==> flow/design.v <==
module plus_mod #(
    parameter int DW = 32
) (
    input logic core_clk,
    input logic resetn,
    input logic [DW-1:0] i_arg0,
    input logic [DW-1:0] i_arg1,
    input logic i_c0,
    output logic [DW-1:0] o_s,
    output logic o_carry_out
);
    logic [DW-1:0] work;
    logic [DW:0] cy;
    assign cy[0] = i_c0;
    for (genvar i = 0; i < DW; i++) begin : lane
        plus_mod_fadd u0 (.a(i_arg0[i]), .b(i_arg1[i]), .ci(cy[i]), .s(work[i]), .co(cy[i+1]));
    end
    always_ff @(posedge core_clk or negedge resetn) begin
        if (~resetn) begin
            o_s <= '0;
        end else begin
            o_s <= work;
        end
    end
    always_ff @(posedge core_clk or negedge resetn) begin
        if (~resetn) begin
            o_carry_out <= 1'b0;
        end else begin
            o_carry_out <= cy[DW];
        end
    end
endmodule
module plus_mod_fadd (
    input logic a,
    input logic b,
    input logic ci,
    output logic s,
    output logic co
);
    assign s = a ^ b ^ ci;
    assign co = (a & b) | (ci & (a ^ b));
endmodule
# Tool chain data of plus_mod
# Tool output for the members of one design family, told apart by "DW", in the order of the flow.
# The file above is the member DW=32. Line numbers count from 1 in each member's own file.
# Library cell names are shortened.
# The mark -- stands for no value.
# inputs
top_module,plus_mod
clock_port,core_clk
lib,sky130hd
lib_corner,tt_025C_1v80

# Members of the sweep
# New or changed lines of each further member against the RTL above, in its own file; lines it lacks are not shown.
# src_changes
DW,line,source
56,2,parameter int DW = 56
72,2,parameter int DW = 72

# Word-level counts
# Counts by Yosys on the flattened word-level netlist (proc, flatten, opt, wreduce; memories kept). Register bits leave out memories and registers merged into their read ports (data or address); mux counts leave out enables and synchronous resets folded into registers. Print and check cells are left out. Cells with the same type and inputs are merged into one.
# op_classes
DW,bitwise
32,160
56,280
72,360
# op_table
DW,op_list
32,AND 1 bit: 64; bitwise XOR 1 bit: 64; OR 1 bit: 32
56,AND 1 bit: 112; bitwise XOR 1 bit: 112; OR 1 bit: 56
72,AND 1 bit: 144; bitwise XOR 1 bit: 144; OR 1 bit: 72
# word_totals
DW,ff_bits,inputBits,out_inout_bits,word_cells
32,33,67,33,162
56,57,115,57,282
72,73,147,73,362

# Depth
# Depth = most cells in a row (Yosys ltp): at word level without a register or memory, in the mapped netlist without a sequential cell, where the memories' decode and read muxes count.
# depth
DW,depth_word,ABC_AREA,ltp_mapped,mapped_depth_nobuf
32,65,0,36,36
56,113,0,60,60
72,145,0,76,76

# Mapped cells and area
# Yosys stat after the flow's synthesis: flattened, memories mapped to cells. It holds for the ABC_AREA given above (unset counts as 0); a run with the other value may have another netlist.
# The area totals of this step are shown rounded.
# types
DW,cell_types
32,dfrtp_1: 33; fa_1: 32; inv_1: 10
56,dfrtp_1: 57; fa_1: 56; inv_1: 10
72,dfrtp_1: 73; fa_1: 72; inv_1: 10
# mapped
DW,mapped_cells,synth_area_um2,sequential_area_um2,ff_cells,buffers
32,75,1500,826,33,0
56,123,2580,1430,57,0
72,155,3310,1830,73,0
# By module: a second synthesis without flattening, with its own total; a netlist apart from the flattened one above.
# hier_totals
DW,hier_cells,hier_area_um2
32,65,1470
56,113,2550
72,145,3270

# Path before layout
# OpenSTA on the mapped netlist: ideal clock, no wires. The path of least setup slack (recovery checks aside). Input and output delay are each 20% of the period. Register names are those of the netlist, which keeps one name where synthesis merged equal registers.
# synth_path
DW,path_kind,startpoint,endpoint,period_ps,path_slack_ps,stages,delay_ps,period_less_setup_slack_ps
32,input port to flip-flop,in i_arg0[0],reg o_s[31],19100,3077,36,12203,16023
56,input port to flip-flop,in i_arg0[0],reg o_s[55],33300,5324,60,21316,27976
72,input port to flip-flop,in i_arg0[0],reg o_s[71],42800,6848,76,27392,35952
# "delay_ps" is the arrival time less input delay plus setup time.
# "stages": output pins that drive a net of the path, with the launching flip-flop's if there is one; two outputs of one cell count as two.
# "period_less_setup_slack_ps" = period - worst setup slack (recovery checks aside). The figure is calculated, with input and output delays left at 20% of the set period.
# Between the ends stands the longest chain of elaborated cells between them, by number of cells; it is not shown to be the way that was timed. Of several equally long chains one is given.
# A line is the first line of the expression or statement that the cell stems from. Yosys adds cells for indexed reads and writes and turns some case tables into memories.
# synth_via_DW_32
elab_chain_cells,64
# synth_lines_DW_32
item,line,source
start: declaration,6,"input logic [DW-1:0] i_arg0,"
bitwise XOR 1 bit,41,assign co = (a & b) | (ci & (a ^ b));
AND 1 bit,41,
OR 1 bit,41,
AND 1 bit,41,
OR 1 bit,41,
AND 1 bit,41,
OR 1 bit,41,
(+50 left out),--,
AND 1 bit,41,
OR 1 bit,41,
AND 1 bit,41,
OR 1 bit,41,
AND 1 bit,41,
OR 1 bit,41,
bitwise XOR 1 bit,40,assign s = a ^ b ^ ci;
end: assignment,20,o_s <= '0;
end: assignment,22,o_s <= work;
end: declaration,9,"output logic [DW-1:0] o_s,"
# synth_via_DW_72
elab_chain_cells,144
# synth_lines_DW_72
item,line,source
start: declaration,6,"input logic [DW-1:0] i_arg0,"
bitwise XOR 1 bit,41,assign co = (a & b) | (ci & (a ^ b));
AND 1 bit,41,
OR 1 bit,41,
AND 1 bit,41,
OR 1 bit,41,
AND 1 bit,41,
OR 1 bit,41,
(+130 left out),--,
AND 1 bit,41,
OR 1 bit,41,
AND 1 bit,41,
OR 1 bit,41,
AND 1 bit,41,
OR 1 bit,41,
bitwise XOR 1 bit,40,assign s = a ^ b ^ ci;
end: assignment,20,o_s <= '0;
end: assignment,22,o_s <= work;
end: declaration,9,"output logic [DW-1:0] o_s,"

# Worst path after layout
# Path of least setup slack in the final report of each member's run (OpenROAD, finished layout, wires in). Where an end is a register, its clock arrival counts in the times.
# The path's times are printed in steps of 10 ps; the period is the one set.
# layout_path
DW,path_kind,startpoint,endpoint,period_ps,path_slack_ps,stages,t_arrival_ps,n_path_buf
32,input port to flip-flop,in i_arg0[0],reg o_s[31],19100,2510,37,16810,1
56,input port to flip-flop,in i_arg0[0],reg o_s[55],33300,4470,61,29090,1
72,input port to flip-flop,in i_arg0[0],reg o_s[71],42800,5690,77,37390,1

# Measured runs
# Settings and results of one run of the flow (Yosys, OpenROAD) for each member follow. The constraints put input and output delay at 20% of the set period each and load the outputs with 0.01 pF.
# flow_settings
CAP_MARGIN,20
CORE_MARGIN,2
CORE_UTILIZATION,40
SLEW_MARGIN,20
# settings_diff
DW,period_ns
32,19.1
56,33.3
72,42.8
# results
DW,synth_chip_area_um2,die_footprint_um2,post_route_util_frac,setup_worst_slack_ps,setup_tns_ps,total_power_mw,achievedPeriod_ps
32,1500,4270,0.733,2510,0,0.210,16590
56,2580,7120,0.722,4470,0,0.208,28826
72,3310,9010,0.727,5690,0,0.222,37112
# "achievedPeriod_ps" is the run's clock period less its worst setup slack. It is reckoned from that one timing run; input and output delays stay at 20% of the period that was set.
# By "total_power_mw" is meant OpenSTA's value without simulated activity: inputs other than the clock are taken to toggle once in ten clock periods, and the tool carries that through the logic.
# The results are shown rounded.
